==> flow/design.v <==
module u_shifter_v2 #(
  parameter int NBITS = 10,
  parameter int SEL_W = $clog2(NBITS)
) (
  input  logic clk,
  input  logic [NBITS-1:0] din_i,
  input  logic [SEL_W-1:0] by_i,
  output logic [NBITS-1:0] o_o
);
  logic [NBITS-1:0] r_din;
  logic [SEL_W-1:0] r_by;
  always_ff @(posedge clk) begin
    r_din <= din_i;
    r_by <= by_i;
  end
  wire [NBITS-1:0] lvl [0:SEL_W];
  assign lvl[0] = r_din;
  generate
    for (genvar i = 0; i < SEL_W; i++) begin : gen
      assign lvl[i+1] = r_by[i] ? (lvl[i] << (1 << i)) | (lvl[i] >> (NBITS - (1 << i))) : lvl[i];
    end
  endgenerate
  assign o_o = lvl[SEL_W];
endmodule
Tool chain data of u_shifter_v2
The steps from the RTL of u_shifter_v2 to its reports follow in flow order. Line numbers count from 1 in the design file above. Operators: Yosys type, input widths -> output width; for muxes data width and select width s. Library cell names are shortened. A cell with - has no value.

Top: u_shifter_v2. Clock input: clk. Cell library: sky130hd. Corner: tt_025C_1v80.

Word level
Source: Yosys, flattened and elaborated. Widths are those after wreduce; folded enables and synchronous resets count as part of the registers. Registers that Yosys merges into a memory's read port (data or address) are not register bits. Print and check cells do not count. Equal cells are merged and count once.

Under bits in registers stands 14. Elaborated cells: 10. The entry for output and inout bits reads 10. Under bits of input ports stands 15.

For bitwise operators the number is 4. For mux-type cells the number is 4.

Operators with widths (number): $mux 10 (4); $or 10x1->10 (1); $or 10x2->10 (1); $or 10x4->10 (1); $or 10x8->10 (1).

Depth
Longest topological path by Yosys (ltp), each cell counted once; first at word level (registers and memories cut), then after technology mapping (sequential cells cut; the memories' decode and read muxes count).

The entry for depth in word-level cells reads 8. ABC_AREA: 0. The figure for depth in mapped cells is 4. For mapped depth without buffers the number is 3.

Mapped cells and area
Yosys stat after the flow's synthesis: flattened, memories mapped to cells. It holds for the ABC_AREA given above (unset counts as 0); a run with the other value may have another netlist. The area totals of this step are shown rounded.

The figure for sequential area is 280 µm². The figure for standard cells after synthesis is 48. Under buffers stands 4. The entry for cell area after synthesis reads 774 µm². The entry for flip-flop cells reads 14.

Cells by type: dfxtp_1 (number 14, area in all 280.269 µm²); mux4_1 (number 10, area in all 262.752 µm²); mux2i_1 (number 20, area in all 200.192 µm²); buf_6 (number 2, area in all 22.522 µm²); buf_2 (number 1, area in all 5.005 µm²); buf_1 (number 1, area in all 3.754 µm²).

Worst setup path after synthesis
Path of least setup slack by OpenSTA after synthesis, without wires, with an ideal clock, recovery checks aside; 20% of the period is set as input and as output delay. Where synthesis merged equal registers, the netlist keeps one of their names.

Path kind: reg2out. Start: register r_by[0]. End: output o_o[0]. Under path buffers stands 1. For path delay the number is 1.309 ns. For arrival the number is 1.309 ns. For driving pins on the path the number is 5. Under external output delay stands 0.410 ns. The figure for period is 2.05 ns. For path slack the number is 0.331 ns. Under synthesis period reached stands 1.719 ns.

"path delay" is the arrival time less input delay plus setup time. A path that ends at an output port has no setup time. "driving pins on the path": output pins that drive a net of the path, with the launching flip-flop's if there is one; two outputs of one cell count as two. "synthesis period reached" is the clock period less the worst setup slack; recovery checks do not enter. This is arithmetic on one report: input and output delays are still those of the set period (20% each). Between the ends stands the longest chain of elaborated cells between them, by number of cells; it is not shown to be the way that was timed. Of several equally long chains one is given. Each line given opens the expression or statement behind the cell; cells for indexed reads and writes are added by Yosys, which also makes memories of some case tables.

Path through: dfxtp_1 -> buf_6 -> mux4_1 -> mux2i_1 -> mux2i_1. The figure for cells in the longest elaborated chain is 7. The figure for elaborated cells between the ends (all ways) is 7. The figure for source lines of those cells is 1.

RTL lines, path after synthesis: start: declaration (line 11) `logic [SEL_W-1:0] r_by;`; start: assignment (line 14) `r_by <= by_i;`; $mux 10 (line 20) `assign lvl[i+1] = r_by[i] ? (lvl[i] << (1 << i)) | (lvl[i] >> (NBITS - (1 << i))) : lvl[i];`; $or 10x2->10 (line 20); $mux 10 (line 20); $or 10x4->10 (line 20); $mux 10 (line 20); $or 10x8->10 (line 20); $mux 10 (line 20); end: declaration (line 8) `output logic [NBITS-1:0] o_o`.

Timing after layout
Path of least setup slack in the final report of job 1 (OpenROAD, finished layout, wires in). Where an end is a register, its clock arrival counts in the times.

Path kind: reg2out. Start: register r_by[0]. End: output o_o[9]. For path slack the number is -0.88 ns. The figure for period is 1.37 ns. Under path buffers stands 2. For arrival the number is 1.98 ns. Under external output delay stands 0.27 ns. For driving pins on the path the number is 6.

Between the ends stands the longest chain of elaborated cells between them, by number of cells; it is not shown to be the way that was timed. Of several equally long chains one is given.

Path through: dfxtp_4 -> buf_8 -> mux4_2 -> mux2i_1 -> mux2i_1 -> buf_2. The figure for cells in the longest elaborated chain is 7. The figure for elaborated cells between the ends (all ways) is 7. The figure for source lines of those cells is 1.

RTL lines, path after layout: start: declaration (line 11) `logic [SEL_W-1:0] r_by;`; start: assignment (line 14) `r_by <= by_i;`; $mux 10 (line 20) `assign lvl[i+1] = r_by[i] ? (lvl[i] << (1 << i)) | (lvl[i] >> (NBITS - (1 << i))) : lvl[i];`; $or 10x2->10 (line 20); $mux 10 (line 20); $or 10x4->10 (line 20); $mux 10 (line 20); $or 10x8->10 (line 20); $mux 10 (line 20); end: declaration (line 8) `output logic [NBITS-1:0] o_o`.

Subject: u_shifter_v2 on sky130hd, stored results

Hello all,

Record of 3 stored runs of the RTL-to-layout flow on u_shifter_v2, platform sky130hd. The runs are unordered. Constraints: input delay and output delay 20% of the set period each, output load 0.01 pF. "clock period achieved" = clock period - worst setup slack. The figure is calculated, with input and output delays left at 20% of the set period. "worst setup path time" is the time allowed to the run's worst setup path (the clock period less input and output delay, where it has them) less its slack. Clock arrival times count: a late capture clock shortens it, a late launch clock lengthens it. "overall power": no workload was simulated; the value follows from the tool's default switching activity. Measured values are rounded.

Job 1 has these settings: period_ns 1.37; CORE_UTILIZATION 61; SETUP_SLACK_MARGIN 0.02; PLACE_DENSITY_LB_ADDON 0.11; TNS_END_PERCENT 95; GPL_TIMING_DRIVEN 0; GPL_ROUTABILITY_DRIVEN 0; MAX_ROUTING_LAYER met5; CAP_MARGIN 20; CORE_MARGIN 2; SLEW_MARGIN 20. For the setup TNS the run shows -8.26 ns. The worst slack on setup checks is -0.884 ns. The area of the synthesized netlist comes to 774 µm². The worst setup path time stands at 1.98 ns. Critical path kind: reg2out. The clock period achieved stands at 2.254 ns. The measured utilization in the final report is 94.4%. The smallest hold slack is 0.431 ns. The standard-cell area after routing stands at 1,080 µm². The measured die footprint is 1,570 µm². The overall power stands at 1.07 mW.

Job 2 has these settings: period_ns 2.19; CORE_UTILIZATION 24; PLACE_DENSITY_LB_ADDON 0.1; CORE_MARGIN 5; ABC_AREA 0; CAP_MARGIN 20; SLEW_MARGIN 20. For the setup TNS the run shows -0.368 ns. The worst slack on setup checks is -0.088 ns. The area of the synthesized netlist comes to 774 µm². The worst setup path time stands at 1.84 ns. Critical path kind: reg2out. The clock period achieved stands at 2.278 ns. The measured utilization in the final report is 36.4%. The smallest hold slack is 0.596 ns. The standard-cell area after routing stands at 1,120 µm². The measured die footprint is 4,460 µm². The overall power stands at 0.661 mW.

Job 3 has these settings: period_ns 2.05; CAP_MARGIN 20; CORE_MARGIN 2; CORE_UTILIZATION 40; SLEW_MARGIN 20. For the setup TNS the run shows -1.29 ns. The worst slack on setup checks is -0.169 ns. The area of the synthesized netlist comes to 774 µm². The worst setup path time stands at 1.81 ns. Critical path kind: reg2out. The clock period achieved stands at 2.219 ns. The measured utilization in the final report is 61.6%. The smallest hold slack is 0.582 ns. The standard-cell area after routing stands at 1,100 µm². The measured die footprint is 2,300 µm². The overall power stands at 0.665 mW.

Thanks
